==> flow/design.v <==
module plus_mod #(
  parameter W = 8
) (
  input  sys_clk,
  input  aresetn,
  input  [W-1:0] lhs_in,
  input  [W-1:0] rhs_in,
  output [W:0] sum_out
);
  reg [W-1:0] r_lhs;
  reg [W-1:0] r_rhs;
  always @(posedge sys_clk or negedge aresetn) begin
    if (~aresetn) begin
      r_lhs <= 0;
      r_rhs <= 0;
    end else begin
      r_lhs <= lhs_in;
      r_rhs <= rhs_in;
    end
  end
  assign sum_out = r_lhs + r_rhs;
endmodule
==> reports on plus_mod <==
### Tool chain data of plus_mod

Module plus_mod in several versions that differ in "W"; each step lists the members.
The RTL above is that of W 8; lines are counted from 1 in the file of the member named.
Operators carry their Yosys type and port widths (W data, S select, Z words).
Library cell names are shortened.
Not given: --

| design | value |
|---|---|
| top module | plus_mod |
| clock input | sys_clk |
| standard-cell library | sky130hd |
| library corner | tt_025C_1v80 |

### Source of the members

Lines of each other member's file that are new or changed against the file above; lines that a member lacks are not shown.

New or changed lines:

| W | RTL line | source |
|---|---|---|
| 20 | 2 | `parameter W = 20` |
| 96 | 2 | `parameter W = 96` |

### Word-level counts

Yosys after proc, flatten, opt, wreduce and memory -nomap, before mapping. Enables and synchronous resets that opt folds into registers are not counted as muxes. Memory bits, and registers merged into a memory's read port (data or address), are not among the register bits. Print and check cells are not counted. Equal cells are merged and count once.

Operators by class:

| W | add/subtract/negate cells |
|---|---|
| 8 | 1 |
| 20 | 1 |
| 96 | 1 |

Operators with widths:

| W | kind and count |
|---|---|
| 8 | 1 x $add A8 B8 Y9 |
| 20 | 1 x $add A20 B20 Y21 |
| 96 | 1 x $add A96 B96 Y97 |

Storage and ports:

| W | register bits after elaboration | input bits | output and inout bits |
|---|---|---|---|
| 8 | 16 | 18 | 9 |
| 20 | 40 | 42 | 21 |
| 96 | 192 | 194 | 97 |

### Depth

Depth = most cells in a row (Yosys ltp): at word level without a register or memory, in the mapped netlist without a sequential cell, where the memories' decode and read muxes count.

Depth:

| W | depth after elaboration | ABC_AREA | mapped depth |
|---|---|---|---|
| 8 | 1 | 0 | 6 |
| 20 | 1 | 0 | 8 |
| 96 | 1 | 0 | 11 |

### Netlist

Source: synth_stat.txt of the flow (Yosys; design flattened, memories mapped). It holds for the ABC_AREA given above (unset counts as 0); a run with the other value may have another netlist.

Cell types:

| W | type and count |
|---|---|
| 8 | 16 x dfrtp_1; 8 x ha_1; 5 x a21oi_1; 2 x a311o_1; 1 x fa_1; 2 x xnor2_1; 2 x xor2_1; 2 x a21o_1; 2 x nor2b_1; 3 x nand2_1; 1 x mux2i_1; 2 x nand3_1; 2 x nor3_1; 1 x a2111oi_0; 1 x a221oi_1; 2 x inv_1; 2 x nor2_1; 1 x o21bai_1; (+3) |
| 20 | 40 x dfrtp_1; 20 x ha_1; 12 x xnor2_1; 18 x a21oi_1; 8 x a21o_1; 6 x o21bai_1; 5 x xor2_1; 7 x o21ai_0; 8 x inv_1; 2 x a211oi_2; 2 x a221o_1; 1 x fa_1; 5 x nand2_1; 1 x a221oi_2; 2 x o211ai_1; 2 x a31oi_1; 1 x a31oi_2; 2 x and3_1; (+22) |
| 96 | 192 x dfrtp_1; 96 x ha_1; 124 x a21oi_1; 59 x xnor2_1; 102 x nand2_1; 56 x o21ai_0; 30 x xor2_1; 34 x a21o_1; 37 x nand4_1; 60 x nor2_1; 24 x o21bai_1; 18 x a31oi_1; 30 x inv_1; 13 x o21a_1; 19 x nand3_1; 12 x o211ai_1; 17 x buf_2; 16 x nor3_1; (+186) |

The mark (+n) counts cells that are not listed.

Mapped netlist:

| W | cell count | mapped area (um2) | area of sequential cells (um2) | flip-flop cells | buffers |
|---|---|---|---|---|---|
| 8 | 58 | 724.4 | 400.4 | 16 | 0 |
| 20 | 164 | 1964.4 | 1001.0 | 40 | 0 |
| 96 | 1125 | 11218.3 | 4804.6 | 192 | 45 |

### Path before layout

Path of least setup slack by OpenSTA after synthesis, without wires, with an ideal clock, recovery checks aside; 20% of the period is set as input and as output delay. Where synthesis merged equal registers, the netlist keeps one of their names.

Path after synthesis:

| W | path type | from | to | clock period (ps) | path slack (ps) | driving pins on the path | path delay (ps) | synthesis period reached (ps) |
|---|---|---|---|---|---|---|---|---|
| 8 | reg-to-output | register r_lhs[0] | output port sum_out[6] | 2320 | 373 | 7 | 1483 | 1947 |
| 20 | reg-to-output | register r_lhs[0] | output port sum_out[20] | 3600 | 577 | 9 | 2303 | 3023 |
| 96 | reg-to-output | register r_lhs[0] | output port sum_out[76] | 4190 | 668 | 12 | 2684 | 3522 |

"path delay" = arrival - input delay + setup time.
A path that ends at an output port has no setup time.
"driving pins on the path": output pins that drive a net of the path, with the launching flip-flop's if there is one; two outputs of one cell count as two.
"synthesis period reached" = period - worst setup slack (recovery checks aside). The figure is calculated, with input and output delays left at 20% of the set period.
Between the ends stands the longest chain of elaborated cells between them, by number of cells; it is not shown to be the way that was timed. Of several equally long chains one is given.
A line is the first line of the expression or statement that the cell stems from. Yosys adds cells for indexed reads and writes and turns some case tables into memories.

| on the way, after synthesis, W 8 | value |
|---|---|
| cells in the longest elaborated chain | 1 |

Ends and longest elaborated chain, after synthesis, W 8:

| element | RTL line | source |
|---|---|---|
| start, declared | 10 | `reg [W-1:0] r_lhs;` |
| start, assigned | 14 | `r_lhs <= 0;` |
| start, assigned | 17 | `r_lhs <= lhs_in;` |
| $add A8 B8 Y9 | 21 | `assign sum_out = r_lhs + r_rhs;` |
| end, declared | 8 | `output [W:0] sum_out` |

| on the way, after synthesis, W 96 | value |
|---|---|
| cells in the longest elaborated chain | 1 |

Ends and longest elaborated chain, after synthesis, W 96:

| element | RTL line | source |
|---|---|---|
| start, declared | 10 | `reg [W-1:0] r_lhs;` |
| start, assigned | 14 | `r_lhs <= 0;` |
| start, assigned | 17 | `r_lhs <= lhs_in;` |
| $add A96 B96 Y97 | 21 | `assign sum_out = r_lhs + r_rhs;` |
| end, declared | 8 | `output [W:0] sum_out` |

### Path in the finished layout

From the final timing report of each member's run: the path of least setup slack in the routed layout; clock arrival at registers is part of the times.
The path's times are printed in steps of 10 ps; the period is the one set.

Path after layout:

| W | path type | from | to | clock period (ps) | path slack (ps) | driving pins on the path | arrival time (ps) | buffers on the path |
|---|---|---|---|---|---|---|---|---|
| 8 | reg-to-output | register r_rhs[0] | output port sum_out[4] | 2320 | 20 | 8 | 1840 | 2 |
| 20 | reg-to-output | register r_lhs[0] | output port sum_out[20] | 3600 | 100 | 10 | 2780 | 1 |
| 96 | reg-to-output | register r_lhs[31] | output port sum_out[93] | 4190 | -60 | 16 | 3420 | 5 |

### Flow runs

Settings and results of one run of the flow (Yosys, OpenROAD) for each member follow. The constraints put input and output delay at 20% of the set period each and load the outputs with 0.01 pF.

| flow settings | value |
|---|---|
| CAP_MARGIN | 20 |
| CORE_MARGIN | 2 |
| CORE_UTILIZATION | 40 |
| SLEW_MARGIN | 20 |

Settings that differ:

| W | period_ns |
|---|---|
| 8 | 2.32 |
| 20 | 3.6 |
| 96 | 4.19 |

Measured results:

| W | synthesis area (um2) | die footprint (um2) | standard-cell area after layout (um2) | final utilization (%) | lowest setup slack (ps) | total negative setup slack (ps) | power consumption (mW) | achieved clock period (ps) |
|---|---|---|---|---|---|---|---|---|
| 8 | 724.4 | 2167.4 | 1247.5 | 73.0 | 16 | 0 | 0.7066 | 2304 |
| 20 | 1964.4 | 5487.9 | 2820.2 | 59.7 | 104 | 0 | 1.143 | 3496 |
| 96 | 11218.3 | 29402.0 | 17873.4 | 64.5 | -64 | -219 | 5.937 | 4254 |

"achieved clock period": clock period set for the run, less the worst setup slack. It is reckoned from that one timing run; input and output delays stay at 20% of the period that was set.
"power consumption" is the tool's figure for a default switching activity; nothing was simulated.
